==> flow/design.v <==
module sync_addsub_mod #(
    parameter integer W = 6
) (
    input  logic clk_i,
    input  logic rst_ni,
    input  logic valid,
    input  logic signed [W-1:0] arg0,
    input  logic signed [W-1:0] arg1,
    input  logic mode,
    output logic [W-1:0] q,
    output logic cy
);
    logic signed [W-1:0] arg0_reg;
    logic signed [W-1:0] arg1_reg;
    logic mode_reg;
    always_ff @(posedge clk_i or negedge rst_ni) begin
        if (!rst_ni) begin
            arg0_reg <= 0;
            arg1_reg <= 0;
            mode_reg <= 1'b0;
        end else if (valid) begin
            arg0_reg <= arg0;
            arg1_reg <= arg1;
            mode_reg <= mode;
        end
    end
    logic [W-1:0] w2;
    assign w2 = arg1_reg ^ {W{mode_reg}};
    logic [W-1:0] cur;
    assign cur = $unsigned(arg0_reg) + w2 + mode_reg;
    assign q = cur[W-1:0];
    assign cy = (arg0_reg[W-1] == w2[W-1]) && (cur[W-1] != arg0_reg[W-1]);
endmodule
Memo
Re: synthesis data of sync_addsub_mod

From RTL to reports: sync_addsub_mod
Tool output for the members of one design family, told apart by "W", in the order of the flow.
The file above is the member W 6. Line numbers count from 1 in each member's own file.
Cell names lack the library's common part.
The mark -- stands for no value.
- top module: sync_addsub_mod
- clock port: clk_i
- standard-cell library: sky130hd
- library corner: tt_025C_1v80

Members of the sweep
New or changed lines of each further member against the RTL above, in its own file; lines it lacks are not shown.
- lines new or changed (W ; RTL line ; source):
    12 ; 2 ; parameter integer W = 12
    112 ; 2 ; parameter integer W = 112

After elaboration
Yosys after proc, flatten, opt, wreduce and memory -nomap, before mapping. Enables and synchronous resets that opt folds into registers are not counted as muxes. Memory bits, and registers merged into a memory's read port (data or address), are not among the register bits. Print and check cells are not counted. Equal cells are merged and count once.
- operators by class (W ; add/sub/neg operators ; equal/unequal tests ; bitwise logic cells ; reductions and logical operators):
    6 ; 2 ; 2 ; 1 ; 1
    12 ; 2 ; 2 ; 1 ; 1
    112 ; 2 ; 2 ; 1 ; 1
- operators by type and width (W ; kinds with counts):
    6 ; adder 6 x 1 -> 6 bit (1); adder 6 bit (1); bitwise XOR 6 bit (1); == test 1 bit (1); != test 1 bit (1); logical AND 1 bit (1)
    12 ; adder 12 x 1 -> 12 bit (1); adder 12 bit (1); bitwise XOR 12 bit (1); == test 1 bit (1); != test 1 bit (1); logical AND 1 bit (1)
    112 ; adder 112 x 1 -> 112 bit (1); adder 112 bit (1); bitwise XOR 112 bit (1); == test 1 bit (1); != test 1 bit (1); logical AND 1 bit (1)
- storage and ports (W ; bits in registers ; input bits ; output and inout bits ; elaborated cells):
    6 ; 13 ; 16 ; 7 ; 9
    12 ; 25 ; 28 ; 13 ; 9
    112 ; 225 ; 228 ; 113 ; 9

Depth
Yosys ltp: most cells in a row. Word level: on the elaborated netlist, between registers, memories and ports. Mapped: between sequential cells and ports; inverters and the memories' decode and read muxes count.
- depth (W ; depth after elaboration ; ABC_AREA ; mapped depth ; depth with buffers taken out):
    6 ; 5 ; 0 ; 8 ; 7
    12 ; 5 ; 0 ; 8 ; 8
    112 ; 5 ; 0 ; 16 ; 13

Mapped cells and area
The flow's flattened synthesis, as Yosys stat reports it; memories are mapped. The netlist is that of the ABC_AREA named above (0 if unset); the other value can give another one.
- synthesis totals (W ; standard cells after synthesis ; chip area (Yosys) (um^2) ; sequential part of the area (um^2) ; flip-flops):
    6 ; 63 ; 769.5 ; 325.3 ; 13
    12 ; 140 ; 1561.5 ; 625.6 ; 25
    112 ; 1755 ; 16774.8 ; 5630.4 ; 225
- cells by type (W ; type and count):
    6 ; dfrtp_1 (13); mux2_2 (13); xor2_1 (7); ha_1 (4); xnor2_1 (3); a31oi_4 (1); fa_1 (1); inv_1 (5); a21oi_1 (3); and3_4 (1); buf_6 (1); nand2_1 (3); mux2i_1 (1); o21ai_0 (2); a21o_1 (1); and2_1 (1); nand2b_1 (1); or2_0 (1); buf_2 (1)
    12 ; dfrtp_1 (25); mux2_2 (19); ha_1 (10); xor2_1 (14); xnor2_1 (7); mux2_1 (5); a21oi_1 (7); inv_1 (8); nand2_1 (7); nor2_1 (7); fa_1 (1); o21ai_0 (4); a21o_1 (2); buf_2 (3); o21a_1 (2); mux2i_2 (1); a31oi_2 (1); nand4_1 (2); [+15]
    112 ; dfrtp_1 (225); mux2_2 (225); ha_1 (110); xor2_1 (150); a21oi_1 (160); xnor2_1 (65); o21ai_0 (102); a21o_1 (65); nand2_1 (118); nor2_1 (86); nand4_1 (47); clkbuf_1 (68); o21bai_1 (31); inv_1 (39); nor3_1 (29); nand3_1 (26); o21a_1 (12); a31oi_1 (12); [+185]
A list marked [+n] leaves out that many cells.

Timing after synthesis
Source: OpenSTA report_checks on the synthesized netlist (no wires, ideal clock, input and output delay 20% of the period each), path of least setup slack; recovery checks are left aside. Register names are those of the netlist, which keeps one name where synthesis merged equal registers.
- path after synthesis (W ; kind ; start ; end ; period (ps) ; slack (ps) ; stages ; delay of the path (ps) ; period reached after synthesis (ps)):
    6 ; reg2out ; reg mode_reg ; out cy ; 2750 ; 437 ; 8 ; 1763 ; 2313
    12 ; reg2out ; reg mode_reg ; out cy ; 3250 ; 520 ; 9 ; 2080 ; 2730
    112 ; reg2out ; reg mode_reg ; out q[107] ; 5870 ; 939 ; 16 ; 3757 ; 4931
"delay of the path" = arrival - input delay + setup time.
A path that ends at an output port has no setup time.
"stages": output pins that drive a net of the path, with the launching flip-flop's if there is one; two outputs of one cell count as two.
"period reached after synthesis" = period - worst setup slack (recovery checks aside). The figure is calculated, with input and output delays left at 20% of the set period.
Between the ends stands the longest chain of elaborated cells between them, by number of cells; it is not shown to be the way that was timed. Of several equally long chains one is given.
A line is the first line of the expression or statement that the cell stems from. Yosys adds cells for indexed reads and writes and turns some case tables into memories.
Between the ends, after synthesis, W 6:
- cells in the longest elaborated chain at 5
- ends and longest elaborated chain, after synthesis, W 6 (item ; RTL line ; source):
    start, declared ; 15 ; logic mode_reg;
    start, assigned ; 20 ; mode_reg <= 1'b0;
    start, assigned ; 24 ; mode_reg <= mode;
    bitwise XOR 6 bit ; 28 ; assign w2 = arg1_reg ^ {W{mode_reg}};
    adder 6 bit ; 30 ; assign cur = $unsigned(arg0_reg) + w2 + mode_reg;
    adder 6 x 1 -> 6 bit ; 30 ;
    != test 1 bit ; 32 ; assign cy = (arg0_reg[W-1] == w2[W-1]) && (cur[W-1] != arg0_reg[W-1]);
    logical AND 1 bit ; 32 ;
    end, declared ; 11 ; output logic cy
Between the ends, after synthesis, W 112:
- cells in the longest elaborated chain at 3
- ends and longest elaborated chain, after synthesis, W 112 (item ; RTL line ; source):
    start, declared ; 15 ; logic mode_reg;
    start, assigned ; 20 ; mode_reg <= 1'b0;
    start, assigned ; 24 ; mode_reg <= mode;
    bitwise XOR 112 bit ; 28 ; assign w2 = arg1_reg ^ {W{mode_reg}};
    adder 112 bit ; 30 ; assign cur = $unsigned(arg0_reg) + w2 + mode_reg;
    adder 112 x 1 -> 112 bit ; 30 ;
    end, declared ; 10 ; output logic [W-1:0] q,

Path in the finished layout
Path of least setup slack in the final report of each member's run (OpenROAD, finished layout, wires in). Where an end is a register, its clock arrival counts in the times.
The path's times are printed in steps of 10 ps; the period is the one set.
- path post-layout (W ; kind ; start ; end ; period (ps) ; slack (ps) ; stages ; arrival time (ps) ; path buffers):
    6 ; reg2out ; reg mode_reg ; out cy ; 2750 ; 140 ; 9 ; 2060 ; 4
    12 ; reg2out ; reg mode_reg ; out q[4] ; 3250 ; 50 ; 9 ; 2550 ; 3
    112 ; reg2out ; reg mode_reg ; out q[109] ; 5870 ; 50 ; 17 ; 4650 ; 4

Measured runs
One run of the flow (Yosys, OpenROAD) for each member, with settings and measured results. Input and output delays are each 20% of the period that was set; the output load is 0.01 pF.
- CAP_MARGIN at 20
- CORE_MARGIN at 2
- CORE_UTILIZATION: 40
- noted SLEW_MARGIN: 20
- settings by member (W ; period_ns):
    6 ; 2.75
    12 ; 3.25
    112 ; 5.87
- results (W ; synthesized cell area (um^2) ; overall die area (um^2) ; standard-cell area after routing (um^2) ; utilization after routing (%) ; worst setup slack after layout (ps) ; sum of negative setup slack (ps) ; final worst hold slack (ps) ; power (mW) ; clock period reached (ps)):
    6 ; 769.5 ; 2290.6 ; 1083.5 ; 61.4 ; 137 ; 0 ; 523 ; 0.6550 ; 2613
    12 ; 1561.5 ; 4419.6 ; 2174.6 ; 58.5 ; 51 ; 0 ; 520 ; 1.220 ; 3199
    112 ; 16774.8 ; 43591.2 ; 22333.9 ; 53.6 ; 51 ; 0 ; 515 ; 8.364 ; 5819
"clock period reached" = clock period - worst setup slack. The figure is calculated, with input and output delays left at 20% of the set period.
"power" is the tool's figure for a default switching activity; nothing was simulated.
